==> flow/design.v <==
module my_summer_stage #(
   parameter DW = 36
) (
   input  wire clk_i,
   input  wire [DW-1:0] lhs_i,
   input  wire [DW-1:0] rhs_i,
   output reg [DW:0] out_o
);
   reg [DW-1:0] lhs_r;
   reg [DW-1:0] rhs_r;
   always @(posedge clk_i) begin
      lhs_r <= lhs_i;
      rhs_r <= rhs_i;
      out_o <= lhs_r + rhs_r;
   end
endmodule
**From RTL to reports: my_summer_stage**

The steps from the RTL of my_summer_stage to its reports follow in flow order.
Line numbers count from 1 in the design file above.
Operators: Yosys type, input widths -> output width; for muxes data width and select width s.
Library cell names are shortened.
A cell with -- has no value.

- Design top: my_summer_stage
- Clock input: clk_i
- Cell library: sky130hd
- Timing corner: tt_025C_1v80

**Word level**

Yosys after proc, flatten, opt, wreduce and memory -nomap, before mapping. Enables and synchronous resets that opt folds into registers are not counted as muxes. Memory bits, and registers merged into a memory's read port (data or address), are not among the register bits. Print and check cells are not counted. Equal cells are merged and count once.

- Bits in registers: 109
- Input port bits: 73
- Output and inout port bits: 37
- Elaborated cells: 4

- $add $sub $neg: 1

Operators by type and width:

| operator | count |
|---|---|
| $add 36x36->37 | 1 |

**Logic depth**

Yosys ltp: most cells in a row. Word level: on the elaborated netlist, between registers, memories and ports. Mapped: between sequential cells and ports; inverters and the memories' decode and read muxes count.

- Depth in word-level cells: 1
- ABC_AREA: 0
- Gate-level depth with buffers: 9

**Netlist**

Yosys stat after the flow's synthesis: flattened, memories mapped to cells. It holds for the ABC_AREA given above (unset counts as 0); a run with the other value may have another netlist.
The area totals of this step are shown rounded.

Cells by type:

| type | count | total area (sq um) |
|---|---|---|
| dfxtp_1 | 109 | 2.18E+03 |
| ha_1 | 36 | 450.432 |
| xnor2_1 | 21 | 183.926 |
| a21oi_1 | 35 | 175.168 |
| a21o_1 | 17 | 127.622 |
| xor2_1 | 11 | 96.342 |
| nand2_1 | 25 | 93.84 |
| o21ai_0 | 15 | 75.072 |
| nand3_1 | 12 | 60.058 |
| o21ai_1 | 10 | 50.048 |
| o211ai_1 | 6 | 45.043 |
| and3_1 | 7 | 43.792 |
| nand4_1 | 6 | 37.536 |
| clkbuf_1 | 9 | 33.782 |
| nor2_1 | 9 | 33.782 |
| a21oi_4 | 2 | 32.531 |
| nor3_1 | 6 | 30.029 |
| o211a_1 | 3 | 30.029 |

Other cell types: 33; their cells: 57.

- Cells in the netlist: 396
- Chip area (Yosys): 4230 sq um
- Area of sequential cells: 2180 sq um
- Flip-flops: 109

**Path before layout**

OpenSTA on the mapped netlist: ideal clock, no wires. The path of least setup slack (recovery checks aside). Input and output delay are each 20% of the period. Register names are those of the netlist, which keeps one name where synthesis merged equal registers.

- Path type: register to register
- Start point: reg lhs_r[0]
- End point: reg out_o[32]
- Clock period: 2.93 ns
- Library setup time: 0.131 ns
- Launch time at the first pin: 0.000 ns
- Data arrival time: 2.217 ns
- Required time: 2.799 ns
- Setup slack: 0.583 ns
- Delay of the path: 2.348 ns
- Stages: 10
- Period reached after synthesis: 2.347 ns

"delay of the path" is the arrival time less input delay plus setup time.
"stages" counts driving pins, that of a launching flip-flop among them; a cell with two outputs on the path counts twice.
"period reached after synthesis" = period - worst setup slack (recovery checks aside). The figure is calculated, with input and output delays left at 20% of the set period.
The rows between start and end are the longest chain of elaborated cells between them; the timing report does not say that the signal goes this way. Where chains are equally long, one stands for them.
A line is the first line of the expression or statement that the cell stems from. Yosys adds cells for indexed reads and writes and turns some case tables into memories.

- Cell sequence: dfxtp_1 ha_1 fa_1 a21o_1 a221oi_2 o211a_1 a21oi_2 a211oi_1 o31ai_1 xor2_1
- Cells in the longest elaborated chain: 1

Ends and longest elaborated chain, post-synthesis:

| item | RTL line | RTL |
|---|---|---|
| start, declared | 9 | `reg [DW-1:0] lhs_r;` |
| start, assigned | 12 | `lhs_r <= lhs_i;` |
| $add 36x36->37 | 14 | `out_o <= lhs_r + rhs_r;` |
| end, assigned | 14 |  |
| end, declared | 7 | `output reg [DW:0] out_o` |

**Path in the finished layout**

From the final timing report of stored run 2: the path of least setup slack in the routed layout; clock arrival at registers is part of the times.

- Path type: register to register
- Start point: reg lhs_r[1]
- End point: reg out_o[33]
- Clock period: 1.45 ns
- Library setup time: 0.11 ns
- Launch time at the first pin: 0.35 ns
- Data arrival time: 2.52 ns
- Required time: 1.69 ns
- Setup slack: -0.83 ns
- Stages: 9

The rows between start and end are the longest chain of elaborated cells between them; the timing report does not say that the signal goes this way. Where chains are equally long, one stands for them.

- Cell sequence: dfxtp_4 ha_4 a211oi_4 o211ai_2 a21oi_4 o21ai_2 and4_4 or3_4 a211o_1
- Cells in the longest elaborated chain: 1

Ends and longest elaborated chain, after layout:

| item | RTL line | RTL |
|---|---|---|
| start, declared | 9 | `reg [DW-1:0] lhs_r;` |
| start, assigned | 12 | `lhs_r <= lhs_i;` |
| $add 36x36->37 | 14 | `out_o <= lhs_r + rhs_r;` |
| end, assigned | 14 |  |
| end, declared | 7 | `output reg [DW:0] out_o` |

==> runs of my_summer_stage <==
3 stored runs of my_summer_stage in the flow (synthesis by Yosys, layout by OpenROAD, sky130hd cells), in arbitrary order. Constraints: input delay and output delay 20% of the set period each, output load 0.01 pF.
By "time used up by the worst setup path" is meant the share of the clock period that the worst setup path is allowed (20% is reserved at inputs, 20% at outputs), minus its slack. Clock arrival times at its registers enter into it.
"overall power" rests on the timing tool's default activity at the inputs, not on a simulated workload.
The measured numbers are rounded.

### Stored run 1

Settings: `period_ns=1.54`, `CORE_UTILIZATION=64`, `SETUP_SLACK_MARGIN=0.05`, `PLACE_DENSITY_LB_ADDON=0.16`, `CORE_MARGIN=9`, `CELL_PAD_IN_SITES_GLOBAL_PLACEMENT=0`, `CELL_PAD_IN_SITES_DETAIL_PLACEMENT=0`, `TNS_END_PERCENT=95`, `ABC_AREA=1`, `CTS_CLUSTER_SIZE=77`, `CTS_CLUSTER_DIAMETER=39`, `MIN_ROUTING_LAYER=met1`, `MAX_ROUTING_LAYER=met5`, `CAP_MARGIN=20`, `SLEW_MARGIN=20`

No results, clock tree synthesis failed with DPL-0038.

### Stored run 2

Settings: `period_ns=1.45`, `CORE_UTILIZATION=24`, `SETUP_SLACK_MARGIN=0.17`, `PLACE_DENSITY_LB_ADDON=0.2`, `HOLD_SLACK_MARGIN=0.07`, `CORE_ASPECT_RATIO=0.75`, `TNS_END_PERCENT=75`, `ABC_AREA=0`, `CAP_MARGIN=30`, `SLEW_MARGIN=15`, `CORE_MARGIN=2`

- Overall power: 0.00871 W
- Std-cell area (final layout): 7240 sq um
- Setup slack of the worst path: -0.829 ns
- Time used up by the worst setup path: 2.28 ns
- Worst setup path kind: register to register
- Yosys chip area after synthesis: 4230 sq um
- Overall die area: 18700 sq um
- Worst hold slack in the final report: 0.374 ns

### Stored run 3

Settings: `period_ns=2.93`, `CAP_MARGIN=20`, `CORE_MARGIN=2`, `CORE_UTILIZATION=40`, `SLEW_MARGIN=20`

- Overall power: 0.00346 W
- Std-cell area (final layout): 5650 sq um
- Setup slack of the worst path: 0.275 ns
- Time used up by the worst setup path: 2.66 ns
- Worst setup path kind: register to register
- Yosys chip area after synthesis: 4230 sq um
- Overall die area: 11400 sq um
- Worst hold slack in the final report: 0.472 ns
